==> flow/design.v <==
module cmp_unit_rtl #(
  parameter int DWIDTH = 10
) (
  input logic clock,
  input logic signed [DWIDTH-1:0] i_arg0,
  input logic signed [DWIDTH-1:0] i_arg1,
  output logic o_below,
  output logic o_is_eq,
  output logic o_gt
);
  logic signed [DWIDTH-1:0] arg0_reg;
  always_ff @(posedge clock)
    arg0_reg <= i_arg0;
  logic signed [DWIDTH-1:0] arg1_reg;
  always_ff @(posedge clock)
    arg1_reg <= i_arg1;
  logic below_reg;
  always_ff @(posedge clock)
    below_reg <= (arg0_reg < arg1_reg);
  assign o_below = below_reg;
  logic is_eq_reg;
  always_ff @(posedge clock)
    is_eq_reg <= (arg0_reg == arg1_reg);
  assign o_is_eq = is_eq_reg;
  logic gt_reg;
  always_ff @(posedge clock)
    gt_reg <= (arg0_reg > arg1_reg);
  assign o_gt = gt_reg;
endmodule
# Tool chain data of cmp_unit_rtl
# Module cmp_unit_rtl in several versions that differ in "DWIDTH"; each step lists the members.
# The file above is the member DWIDTH=10. Line numbers count from 1 in each member's own file.
# Operators carry their Yosys type and port widths (W data, S select, Z words).
# A cell with -- has no value.
# setup
design	cmp_unit_rtl
clk_port	clock
lib	sky130hd
lib_corner	tt_025C_1v80

# Members of the sweep
# Lines of each other member's file that are new or changed against the file above; lines that a member lacks are not shown.
# changed_lines
DWIDTH	line	rtl
18	2	parameter int DWIDTH = 18
24	2	parameter int DWIDTH = 24

# Elaborated design
# Counts by Yosys on the flattened word-level netlist (proc, flatten, opt, wreduce; memories kept). Register bits leave out memories and registers merged into their read ports (data or address); mux counts leave out enables and synchronous resets folded into registers. Print and check cells are left out. Cells with the same type and inputs are merged into one.
# word_totals
DWIDTH	regBits	inputBits	out_inout_bits	word_cells
10	23	21	3	8
18	39	37	3	8
24	51	49	3	8
# classes
DWIDTH	n_cmp	equal
10	2	1
18	2	1
24	2	1
# op_table
DWIDTH	op_list
10	$gt A10 B10 Y1 (1); $lt A10 B10 Y1 (1); $eq A10 B10 Y1 (1)
18	$gt A18 B18 Y1 (1); $lt A18 B18 Y1 (1); $eq A18 B18 Y1 (1)
24	$gt A24 B24 Y1 (1); $lt A24 B24 Y1 (1); $eq A24 B24 Y1 (1)

# Logic depth
# Longest topological path by Yosys (ltp), each cell counted once; first at word level (registers and memories cut), then after technology mapping (sequential cells cut; the memories' decode and read muxes count).
# depth
DWIDTH	ltp_word	ABC_AREA	ltp_mapped
10	1	0	6
18	1	0	7
24	1	0	8

# Netlist
# The flow's flattened synthesis, as Yosys stat reports it; memories are mapped. The netlist is that of the ABC_AREA named above (0 if unset); the other value can give another one.
# mapped
DWIDTH	cells	area_um2	seq_area_um2	flip_flops	n_buf
10	62	769.5	460.4	23	0
18	105	1270.0	780.7	39	0
24	141	1685.4	1021.0	51	0
# by_type
DWIDTH	cell_types
10	sky130_fd_sc_hd__dfxtp_1 (23); sky130_fd_sc_hd__ha_1 (10); sky130_fd_sc_hd__inv_1 (12); sky130_fd_sc_hd__a2111oi_4 (1); sky130_fd_sc_hd__a21oi_2 (2); sky130_fd_sc_hd__a211oi_2 (1); sky130_fd_sc_hd__nand2b_1 (2); sky130_fd_sc_hd__nand4_1 (2); sky130_fd_sc_hd__mux2i_1 (1); sky130_fd_sc_hd__o21ai_2 (1); sky130_fd_sc_hd__xnor2_1 (1); sky130_fd_sc_hd__a211oi_1 (1); sky130_fd_sc_hd__nand2_1 (2); sky130_fd_sc_hd__nor3_1 (1); sky130_fd_sc_hd__o21ai_0 (1); sky130_fd_sc_hd__nor2_1 (1)
18	sky130_fd_sc_hd__dfxtp_1 (39); sky130_fd_sc_hd__ha_1 (18); sky130_fd_sc_hd__inv_1 (19); sky130_fd_sc_hd__a21oi_1 (8); sky130_fd_sc_hd__and4_1 (3); sky130_fd_sc_hd__a21o_1 (3); sky130_fd_sc_hd__and4_4 (2); sky130_fd_sc_hd__nand2_1 (4); sky130_fd_sc_hd__o21ai_0 (3); sky130_fd_sc_hd__o211ai_2 (1); sky130_fd_sc_hd__mux2i_1 (1); sky130_fd_sc_hd__xor2_1 (1); sky130_fd_sc_hd__a22oi_1 (1); sky130_fd_sc_hd__and3_1 (1); sky130_fd_sc_hd__nand2b_1 (1)
24	sky130_fd_sc_hd__dfxtp_1 (51); sky130_fd_sc_hd__ha_1 (24); sky130_fd_sc_hd__inv_1 (25); sky130_fd_sc_hd__a21oi_1 (10); sky130_fd_sc_hd__nand4_1 (6); sky130_fd_sc_hd__nand4_2 (2); sky130_fd_sc_hd__o21ai_0 (5); sky130_fd_sc_hd__nor4_4 (1); sky130_fd_sc_hd__nor3_4 (1); sky130_fd_sc_hd__nand2_1 (4); sky130_fd_sc_hd__mux2i_1 (1); sky130_fd_sc_hd__a221oi_1 (1); sky130_fd_sc_hd__nand2b_2 (1); sky130_fd_sc_hd__xor2_1 (1); sky130_fd_sc_hd__o211ai_1 (1); sky130_fd_sc_hd__or2b_1 (1); sky130_fd_sc_hd__nor2b_1 (1); sky130_fd_sc_hd__nand3_1 (1); [+4]
# A list marked [+n] leaves out that many cells.

# Path before layout
# Path of least setup slack by OpenSTA after synthesis, without wires, with an ideal clock, recovery checks aside; 20% of the period is set as input and as output delay. Where synthesis merged equal registers, the netlist keeps one of their names.
# synth_timing
DWIDTH	kind	startpoint	endpoint	period_ns	slack_ns	path_stages	delay_ns	synth_period_reached_ns
10	register to register	reg arg1_reg[5]	reg gt_reg	1.87	0.371	7	1.499	1.499
18	register to register	reg arg1_reg[9]	reg below_reg	1.94	0.392	8	1.548	1.548
24	register to register	reg arg1_reg[23]	reg gt_reg	2.05	0.406	9	1.644	1.644
# "delay_ns" = arrival - input delay + setup time.
# "path_stages": output pins that drive a net of the path, with the launching flip-flop's if there is one; two outputs of one cell count as two.
# "synth_period_reached_ns" is the clock period less the worst setup slack; recovery checks do not enter. This is arithmetic on one report: input and output delays are still those of the set period (20% each).
# Between the ends stands the longest chain of elaborated cells between them, by number of cells; it is not shown to be the way that was timed. Of several equally long chains one is given.
# Each line given opens the expression or statement behind the cell; cells for indexed reads and writes are added by Yosys, which also makes memories of some case tables.
# synth_via_DWIDTH_10
elab_chain_cells	1
# synth_lines_DWIDTH_10
item	line	rtl
from (decl)	14	logic signed [DWIDTH-1:0] arg1_reg;
from (assign)	16	arg1_reg <= i_arg1;
$gt A10 B10 Y1	27	gt_reg <= (arg0_reg > arg1_reg);
to (assign)	27
to (decl)	25	logic gt_reg;
# synth_via_DWIDTH_24
elab_chain_cells	1
# synth_lines_DWIDTH_24
item	line	rtl
from (decl)	14	logic signed [DWIDTH-1:0] arg1_reg;
from (assign)	16	arg1_reg <= i_arg1;
$gt A24 B24 Y1	27	gt_reg <= (arg0_reg > arg1_reg);
to (assign)	27
to (decl)	25	logic gt_reg;

# Path in the finished layout
# From the final timing report of each member's run: the path of least setup slack in the routed layout; clock arrival at registers is part of the times.
# layout_timing
DWIDTH	kind	startpoint	endpoint	period_ns	slack_ns	path_stages	arrival_time_ns
10	register to register	reg arg1_reg[5]	reg gt_reg	1.87	0.21	7	1.89
18	register to register	reg arg1_reg[17]	reg below_reg	1.94	0.23	8	1.93
24	register to register	reg arg1_reg[23]	reg gt_reg	2.05	0.23	9	2.00

# Layout results
# Settings and results of one run of the flow (Yosys, OpenROAD) for each member follow. The constraints put input and output delay at 20% of the set period each and load the outputs with 0.01 pF.
# flow_settings
CAP_MARGIN	20
CORE_MARGIN	2
CORE_UTILIZATION	40
SLEW_MARGIN	20
# settings_diff
DWIDTH	period_ns
10	1.87
18	1.94
24	2.05
# measured
DWIDTH	synthesis_area_um2	design.die.area_um2	cell_area_final_um2	layout_utilization_frac	worstSetupSlack_ns	tns_ns	holdWs_ns	final_power_w	timing.achieved_period_ns
10	769.5	2290.6	1057.3	0.599	0.210	0.000	0.499	0.0008792	1.660
18	1270.0	3641.5	1816.7	0.6	0.234	0.000	0.476	0.001696	1.706
24	1685.4	4748.6	2342.2	0.581	0.233	0.000	0.549	0.001822	1.817
# "timing.achieved_period_ns" = clock period - worst setup slack. The figure is calculated, with input and output delays left at 20% of the set period.
# "final_power_w" rests on the timing tool's default activity at the inputs, not on a simulated workload.
